==> flow/design.v <==
module sync_scratch (clk, rst_n, wr_en_i, wsel_i, wr_data_i, raddr1_i, raddr2_i, q1_o, q2_o);
    parameter integer DEPTH = 32;
    parameter integer DWIDTH = 12;
    localparam integer AWIDTH = $clog2(DEPTH);
    input clk;
    input rst_n;
    input wr_en_i;
    input [AWIDTH-1:0] wsel_i;
    input [DWIDTH-1:0] wr_data_i;
    input [AWIDTH-1:0] raddr1_i;
    input [AWIDTH-1:0] raddr2_i;
    output reg [DWIDTH-1:0] q1_o;
    output reg [DWIDTH-1:0] q2_o;
    reg wr_en_s;
    reg [AWIDTH-1:0] wsel_s;
    reg [DWIDTH-1:0] wr_data_s;
    reg [DWIDTH-1:0] regs [0:DEPTH-1];
    always @(posedge clk) begin
        if (wr_en_s)
            regs[wsel_s] <= wr_data_s;
    end
    reg [AWIDTH-1:0] raddr1_s;
    reg [AWIDTH-1:0] raddr2_s;
    always @(posedge clk or negedge rst_n) begin
        if (!rst_n) begin
            wr_en_s <= 1'b0;
            wsel_s <= 0;
            wr_data_s <= 0;
            raddr1_s <= 0;
            raddr2_s <= 0;
            q1_o <= 0;
            q2_o <= 0;
        end else begin
            wr_en_s <= wr_en_i;
            wsel_s <= wsel_i;
            wr_data_s <= wr_data_i;
            raddr1_s <= raddr1_i;
            raddr2_s <= raddr2_i;
            q1_o <= regs[raddr1_s];
            q2_o <= regs[raddr2_s];
        end
    end
endmodule
## Step by step through the tools: sync_scratch

The steps from the RTL of sync_scratch to its reports follow in flow order.
Line numbers count from 1 in the design file above.
Operators: Yosys type, input widths -> output width; for muxes data width and select width s.
Cell names lack the library's common part.
The mark n/a stands for no value.

| set-up | value |
|---|---|
| top | sync_scratch |
| clock port | clk |
| library | sky130hd |
| timing corner | tt_025C_1v80 |

## Elaborated design

Yosys after proc, flatten, opt, wreduce and memory -nomap, before mapping. Enables and synchronous resets that opt folds into registers are not counted as muxes. Memory bits, and registers merged into a memory's read port (data or address), are not among the register bits. Print and check cells are not counted.
Memory sizes are those after Yosys's memory passes, which may raise the word count (mostly to a power of two), join words into wider ones and drop unused or constant bits.

| storage and ports | value |
|---|---|
| flip-flop bits (word level) | 28 |
| RAM bits | 384 |
| clocked read ports x word width | 24 |
| memories | 1 |
| bits of input ports | 30 |

| cells by class | value |
|---|---|
| multiplexer cells | 3 |
| reductions and logical operators | 2 |

Memories:

| name | words | width | rd ports | write ports | line | source |
|---|---|---|---|---|---|---|
| regs | 32 | 12 | 2 | 1 | 17 | `reg [DWIDTH-1:0] regs [0:DEPTH-1];` |

Operators with widths:

| cell | count |
|---|---|
| $mux 12 | 1 |
| $mux 5 | 1 |
| $logic_not 1->1 | 2 |
| $mux 1 | 1 |

## Depth

Longest topological path by Yosys (ltp), each cell counted once; first at word level (registers and memories cut), then after technology mapping (sequential cells cut; the memories' decode and read muxes count).

| depth | value |
|---|---|
| depth after elaboration | 1 |
| ABC_AREA | 0 |
| mapped depth | 8 |
| depth with buffers taken out | 5 |

## After synthesis

The flow's flattened synthesis, as Yosys stat reports it; memories are mapped. The netlist is that of the ABC_AREA named above (0 if unset); the other value can give another one.

Cells by type:

| cell type | count |
|---|---|
| edfxtp_1 | 384 |
| mux2i_1 | 384 |
| dfrtp_1 | 52 |
| a22oi_1 | 96 |
| a22o_1 | 48 |
| buf_12 | 16 |
| nand3_1 | 50 |
| a21oi_1 | 48 |
| nand2_1 | 49 |
| a31oi_1 | 24 |
| nand4_1 | 24 |
| buf_2 | 28 |
| nor2_1 | 35 |
| buf_6 | 11 |
| nor3_1 | 24 |
| buf_4 | 13 |
| clkbuf_1 | 21 |
| buf_8 | 4 |

Other cell types: 8; their cells: 23.

| synthesis totals | value |
|---|---|
| cells in the netlist | 1,334 |
| mapped area | 20,016.7 µm² |
| sequential area | 12,832.3 µm² |
| mapped flip-flops | 436 |
| buffer cells | 95 |

## Timing after synthesis

OpenSTA on the mapped netlist: ideal clock, no wires. The path of least setup slack (recovery checks aside). Input and output delay are each 20% of the period. Register names are those of the netlist, which keeps one name where synthesis merged equal registers.

| timing path after synthesis | value |
|---|---|
| kind | register -> register |
| from | reg wsel_s[1] |
| to | mem regs[0][0] |
| period | 2.43 ns |
| setup time | 0.380 ns |
| time at the first pin | 0.000 ns |
| arrival | 1.565 ns |
| required time | 2.050 ns |
| path slack | 0.485 ns |
| delay of the path | 1.945 ns |
| stages on the path | 4 |
| buffers on the path | 1 |
| period reached after synthesis | 1.945 ns |

"delay of the path" = arrival - input delay + setup time.
"stages on the path" counts driving pins, that of a launching flip-flop among them; a cell with two outputs on the path counts twice.
"period reached after synthesis" is the clock period less the worst setup slack; recovery checks do not enter. This is arithmetic on one report: input and output delays are still those of the set period (20% each).
The rows between start and end are the longest chain of elaborated cells between them; the timing report does not say that the signal goes this way. Where chains are equally long, one stands for them.
A line is the first line of the expression or statement that the cell stems from. Yosys adds cells for indexed reads and writes and turns some case tables into memories.

| on the way, after synthesis | value |
|---|---|
| cell sequence | dfrtp_1 -> or3b_2 -> clkbuf_1 -> nor2_1 |
| cells in the longest elaborated chain | 1 |

RTL lines, path after synthesis:

| element | line | source |
|---|---|---|
| start, declared | 15 | `reg [AWIDTH-1:0] wsel_s;` |
| start, assigned | 27 | `wsel_s <= 0;` |
| start, assigned | 35 | `wsel_s <= wsel_i;` |
| $mux 5 | 19 | `if (wr_en_s)` |
| end, declared | 17 | `reg [DWIDTH-1:0] regs [0:DEPTH-1];` |

## Path in the finished layout

From the final timing report of run 1: the path of least setup slack in the routed layout; clock arrival at registers is part of the times.

| timing path post-layout | value |
|---|---|
| kind | register -> register |
| from | reg raddr1_s[0] |
| to | reg q1_o[4] |
| period | 2.43 ns |
| setup time | 0.16 ns |
| time at the first pin | 0.58 ns |
| arrival | 2.76 ns |
| required time | 2.84 ns |
| path slack | 0.08 ns |
| stages on the path | 7 |
| buffers on the path | 2 |

| on the way, post-layout | value |
|---|---|
| cell sequence | dfrtp_1 -> nor2_4 -> buf_12 -> buf_4 -> nand2_1 -> a31oi_1 -> nand3_1 |

RTL lines, path post-layout:

| element | line | source |
|---|---|---|
| start, declared | 22 | `reg [AWIDTH-1:0] raddr1_s;` |
| start, assigned | 29 | `raddr1_s <= 0;` |
| start, assigned | 37 | `raddr1_s <= raddr1_i;` |
| end, declared | 12 | `output reg [DWIDTH-1:0] q1_o;` |

No chain of elaborated cells between the ends is given.

Measured results for sync_scratch: 3 stored runs of the Yosys and OpenROAD flow on sky130hd. The settings differ; the order carries no meaning. The constraints put input and output delay at 20% of the set period each and load the outputs with 0.01 pF.
"period achieved" is the run's clock period less its worst setup slack. It is reckoned from that one timing run; input and output delays stay at 20% of the period that was set.
"allowed time less slack (worst setup path)": the worst setup path's part of the clock period (all of it between registers, 20% less for each end at a port) less its slack. A launch clock that arrives late makes it longer, a capture clock that arrives late makes it shorter.
Settings: . = not set for that run.

| run | period_ns | CAP_MARGIN | CORE_MARGIN | CORE_UTILIZATION | SLEW_MARGIN | SETUP_SLACK_MARGIN | PLACE_DENSITY_LB_ADDON | TNS_END_PERCENT | ABC_AREA | GPL_TIMING_DRIVEN | GPL_ROUTABILITY_DRIVEN | MAX_ROUTING_LAYER | HOLD_SLACK_MARGIN | CELL_PAD_IN_SITES_GLOBAL_PLACEMENT | CELL_PAD_IN_SITES_DETAIL_PLACEMENT | CTS_CLUSTER_DIAMETER | period achieved (ns) | setup slack of the worst path (ns) | worst hold slack in the final report (ns) | area of the die (µm²) | chip area in the Yosys report (µm²) | allowed time less slack (worst setup path) (ns) | kind of the worst setup path | standard-cell area after routing (µm²) |
|---|---|---|---|---|---|---|---|---|---|---|---|---|---|---|---|---|---|---|---|---|---|---|---|---|
| run 1 | 2.43 | 20 | 2 | 40 | 20 | . | . | . | . | . | . | . | . | . | . | . | 2.348 | 0.082 | 0.335 | 51,847.3 | 20,016.7 | 2.35 | register -> register | 23,447.5 |
| run 2 | 2.81 | 20 | 2 | 35 | 20 | 0.64 | 0.09 | 90 | 0 | 1 | 0 | met5 | . | . | . | . | 2.136 | 0.674 | 0.389 | 59,119.5 | 20,016.7 | 2.14 | register -> register | 23,485.0 |
| run 3 | 1.19 | 20 | 2 | 21 | 20 | -0.08 | 0.03 | . | . | 1 | 1 | . | -0.06 | 3 | 0 | 367 | 2.131 | -0.941 | 0.045 | 97,803.2 | 20,016.7 | 2.13 | register -> register | 29,244.3 |
